==> flow/design.v <==
module ex_cmp #(
   parameter int XLEN = 24
) (
   input logic clk,
   input logic [XLEN-1:0] first,
   input logic [XLEN-1:0] second,
   input logic [XLEN-1:0] third,
   output logic [XLEN-1:0] dout
);
   logic [XLEN-1:0] first_r;
   always_ff @(posedge clk)
      first_r <= first;
   logic [XLEN-1:0] second_r;
   always_ff @(posedge clk)
      second_r <= second;
   logic [XLEN-1:0] third_r;
   always_ff @(posedge clk)
      third_r <= third;
   assign dout = (first_r < second_r) ? second_r : (first_r > third_r) ? third_r : first_r;
endmodule
Reports on ex_cmp
The steps from the RTL of ex_cmp to its reports follow in flow order.
Lines are those of the file above, counted from 1.
Library cell names are shortened.
{"block": "setup", "design": "ex_cmp", "clk_port": "clk", "cell_library": "sky130hd", "corner": "tt_025C_1v80"}

Word-level counts
Yosys after proc, flatten, opt, wreduce and memory -nomap, before mapping. Enables and synchronous resets that opt folds into registers are not counted as muxes. Memory bits, and registers merged into a memory's read port (data or address), are not among the register bits. Print and check cells are not counted. Equal cells are merged and count once.
{"block": "classes", "n_addsub": 0, "multipliers": 0, "n_div": 0, "compare": 2, "equal": 0, "shift": 0, "muxes": 2, "logic": 0, "reduce_logical": 0}
{"block": "ops", "op": "24-bit two-way mux", "n": 2}
{"block": "ops", "op": "24-bit greater-than comparator", "n": 1}
{"block": "ops", "op": "24-bit < comparator", "n": 1}
{"block": "bits", "register_bits": 72, "latchBits": 0, "ram_bits": 0, "mem_bits_ro": 0, "clocked_rd_ports_x_width": 0, "mem_count": 0, "output_inout_bits": 24, "wordCells": 7}

Depth
Longest topological path by Yosys (ltp), each cell counted once; first at word level (registers and memories cut), then after technology mapping (sequential cells cut; the memories' decode and read muxes count).
{"block": "depth", "ltp_word": 3, "abc_area": 0, "ltp_mapped": 10}

Synthesis result
Source: synth_stat.txt of the flow (Yosys; design flattened, memories mapped). It holds for the ABC_AREA given above (unset counts as 0); a run with the other value may have another netlist.
The area totals of this step are shown rounded.
{"block": "by_type", "cell": "dfxtp_1", "n": 72, "area_total_um2": 1.44E+03}
{"block": "by_type", "cell": "ha_1", "n": 47, "area_total_um2": 588.064}
{"block": "by_type", "cell": "mux2i_1", "n": 23, "area_total_um2": 230.221}
{"block": "by_type", "cell": "a32oi_1", "n": 23, "area_total_um2": 201.443}
{"block": "by_type", "cell": "a21oi_1", "n": 39, "area_total_um2": 195.187}
{"block": "by_type", "cell": "inv_1", "n": 49, "area_total_um2": 183.926}
{"block": "by_type", "cell": "nand4_1", "n": 7, "area_total_um2": 43.792}
{"block": "by_type", "cell": "buf_2", "n": 8, "area_total_um2": 40.038}
{"block": "by_type", "cell": "nand2_1", "n": 10, "area_total_um2": 37.536}
{"block": "by_type", "cell": "a221o_1", "n": 3, "area_total_um2": 30.029}
{"block": "by_type", "cell": "and4_1", "n": 3, "area_total_um2": 26.275}
{"block": "by_type", "cell": "nand3_1", "n": 5, "area_total_um2": 25.024}
{"block": "by_type", "cell": "o21ai_0", "n": 5, "area_total_um2": 25.024}
{"block": "by_type", "cell": "o31ai_4", "n": 1, "area_total_um2": 21.27}
{"block": "by_type", "cell": "and3_1", "n": 3, "area_total_um2": 18.768}
{"block": "by_type", "cell": "clkbuf_1", "n": 5, "area_total_um2": 18.768}
{"block": "by_type", "cell": "a211o_1", "n": 2, "area_total_um2": 17.517}
{"block": "by_type", "cell": "a21o_1", "n": 2, "area_total_um2": 15.014}
Other cell types: 14; their cells: 17.
{"block": "synth_totals", "stdcells": 324, "mapped_area_um2": 3300, "ff_cells": 72}

Timing after synthesis
OpenSTA on the mapped netlist: ideal clock, no wires. The path of least setup slack (recovery checks aside). Input and output delay are each 20% of the period. Register names are those of the netlist, which keeps one name where synthesis merged equal registers.
{"block": "synth_timing", "path_kind": "flip-flop to output port", "from": "register first_r[3]", "to": "output port dout[0]", "clock_period_ns": 3.3, "output_delay_ns": 0.660, "launch_ns": 0.000, "t_arrival_ns": 2.115, "path_slack_ns": 0.525, "delay_ns": 2.115, "driving_pins": 8, "synth_period_reached_ns": 2.775}
"delay_ns" is the arrival time less input delay plus setup time.
At an output port there is no setup time.
"driving_pins" counts driving pins, that of a launching flip-flop among them; a cell with two outputs on the path counts twice.
"synth_period_reached_ns" = period - worst setup slack (recovery checks aside). The figure is calculated, with input and output delays left at 20% of the set period.
Between the ends stands the longest chain of elaborated cells between them, by number of cells; it is not shown to be the way that was timed. Of several equally long chains one is given.
A line is the first line of the expression or statement that the cell stems from. Yosys adds cells for indexed reads and writes and turns some case tables into memories.
{"block": "synth_between", "path_cell_list": "dfxtp_1 -> ha_1 -> and3_1 -> a221oi_2 -> o221ai_2 -> a221o_1 -> a32o_1 -> mux2_2", "elab_chain_cells": 3, "cone_cells": 4, "classes_between": "2 x compare; 2 x mux"}
{"block": "synth_rtl", "item": "from (decl)", "line_no": 10, "rtl": "logic [XLEN-1:0] first_r;"}
{"block": "synth_rtl", "item": "from (assign)", "line_no": 12, "rtl": "first_r <= first;"}
{"block": "synth_rtl", "item": "24-bit greater-than comparator", "line_no": 19, "rtl": "assign dout = (first_r < second_r) ? second_r : (first_r > third_r) ? third_r : first_r;"}
{"block": "synth_rtl", "item": "24-bit two-way mux (2 in a row)", "line_no": 19}
{"block": "synth_rtl", "item": "to (decl)", "line_no": 8, "rtl": "output logic [XLEN-1:0] dout"}

Timing after layout
Path of least setup slack in the final report of run 2 (OpenROAD, finished layout, wires in). Where an end is a register, its clock arrival counts in the times.
{"block": "layout_timing", "path_kind": "flip-flop to output port", "from": "register third_r[1]", "to": "output port dout[0]", "clock_period_ns": 3.3, "output_delay_ns": 0.66, "launch_ns": 0.34, "t_arrival_ns": 2.73, "path_slack_ns": -0.09, "driving_pins": 11}
Between the ends stands the longest chain of elaborated cells between them, by number of cells; it is not shown to be the way that was timed. Of several equally long chains one is given.
{"block": "layout_between", "path_cell_list": "dfxtp_2 -> inv_2 -> ha_4 -> and3_4 -> a221oi_2 -> o221ai_2 -> a221o_1 -> buf_4 -> a32o_1 -> mux2_4 -> buf_6", "elab_chain_cells": 3, "cone_cells": 3, "classes_between": "1 x compare; 2 x mux"}
{"block": "layout_rtl", "item": "from (decl)", "line_no": 16, "rtl": "logic [XLEN-1:0] third_r;"}
{"block": "layout_rtl", "item": "from (assign)", "line_no": 18, "rtl": "third_r <= third;"}
{"block": "layout_rtl", "item": "24-bit greater-than comparator", "line_no": 19, "rtl": "assign dout = (first_r < second_r) ? second_r : (first_r > third_r) ? third_r : first_r;"}
{"block": "layout_rtl", "item": "24-bit two-way mux (2 in a row)", "line_no": 19}
{"block": "layout_rtl", "item": "to (decl)", "line_no": 8, "rtl": "output logic [XLEN-1:0] dout"}

# Flow runs of ex_cmp

Measured results for ex_cmp: 3 stored runs of the Yosys and OpenROAD flow on sky130hd. The settings differ; the order carries no meaning. The constraints put input and output delay at 20% of the set period each and load the outputs with 0.01 pF.
"timing.achieved_period_ns" = clock period - worst setup slack. The figure is calculated, with input and output delays left at 20% of the set period.
"power_uw" is the tool's figure for a default switching activity; nothing was simulated.
The measured numbers are rounded.

{"run": "run 1", "settings": { "period_ns": 2.06, "CORE_UTILIZATION": 54, "SETUP_SLACK_MARGIN": 0.3, "PLACE_DENSITY_LB_ADDON": 0.05, "CORE_ASPECT_RATIO": 0.83, "CELL_PAD_IN_SITES_GLOBAL_PLACEMENT": 1, "TNS_END_PERCENT": 95, "GPL_ROUTABILITY_DRIVEN": 1, "CTS_CLUSTER_SIZE": 44, "CAP_MARGIN": 10, "SLEW_MARGIN": 35, "MAX_ROUTING_LAYER": "met4", "CORE_MARGIN": 2 }, "outcome": "stopped before the end: placement reported FLW-0024"}
{"run": "run 2", "settings": { "period_ns": 3.3, "CAP_MARGIN": 20, "CORE_MARGIN": 2, "CORE_UTILIZATION": 40, "SLEW_MARGIN": 20 }, "results": { "setup_ws_ns": -0.090, "power_uw": 2250, "holdWs_ns": 0.745, "synthArea_um2": 3300, "finalCellArea_um2": 5100, "final_die_area_um2": 8990, "finalUtil_pct": 63.0, "setupTns_ns": -0.146, "timing.achieved_period_ns": 3.390 }}
{"run": "run 3", "settings": { "period_ns": 1.68, "CORE_UTILIZATION": 47, "SETUP_SLACK_MARGIN": -0.03, "PLACE_DENSITY_LB_ADDON": 0.08, "CORE_ASPECT_RATIO": 0.96, "CELL_PAD_IN_SITES_DETAIL_PLACEMENT": 0, "CTS_CLUSTER_SIZE": 19, "CTS_CLUSTER_DIAMETER": 64, "CAP_MARGIN": 0, "SLEW_MARGIN": 15, "CORE_MARGIN": 2 }, "results": { "setup_ws_ns": -1.49, "power_uw": 4660, "holdWs_ns": 0.431, "synthArea_um2": 3300, "finalCellArea_um2": 5280, "final_die_area_um2": 7710, "finalUtil_pct": 78.6, "setupTns_ns": -32.6, "timing.achieved_period_ns": 3.165 }}
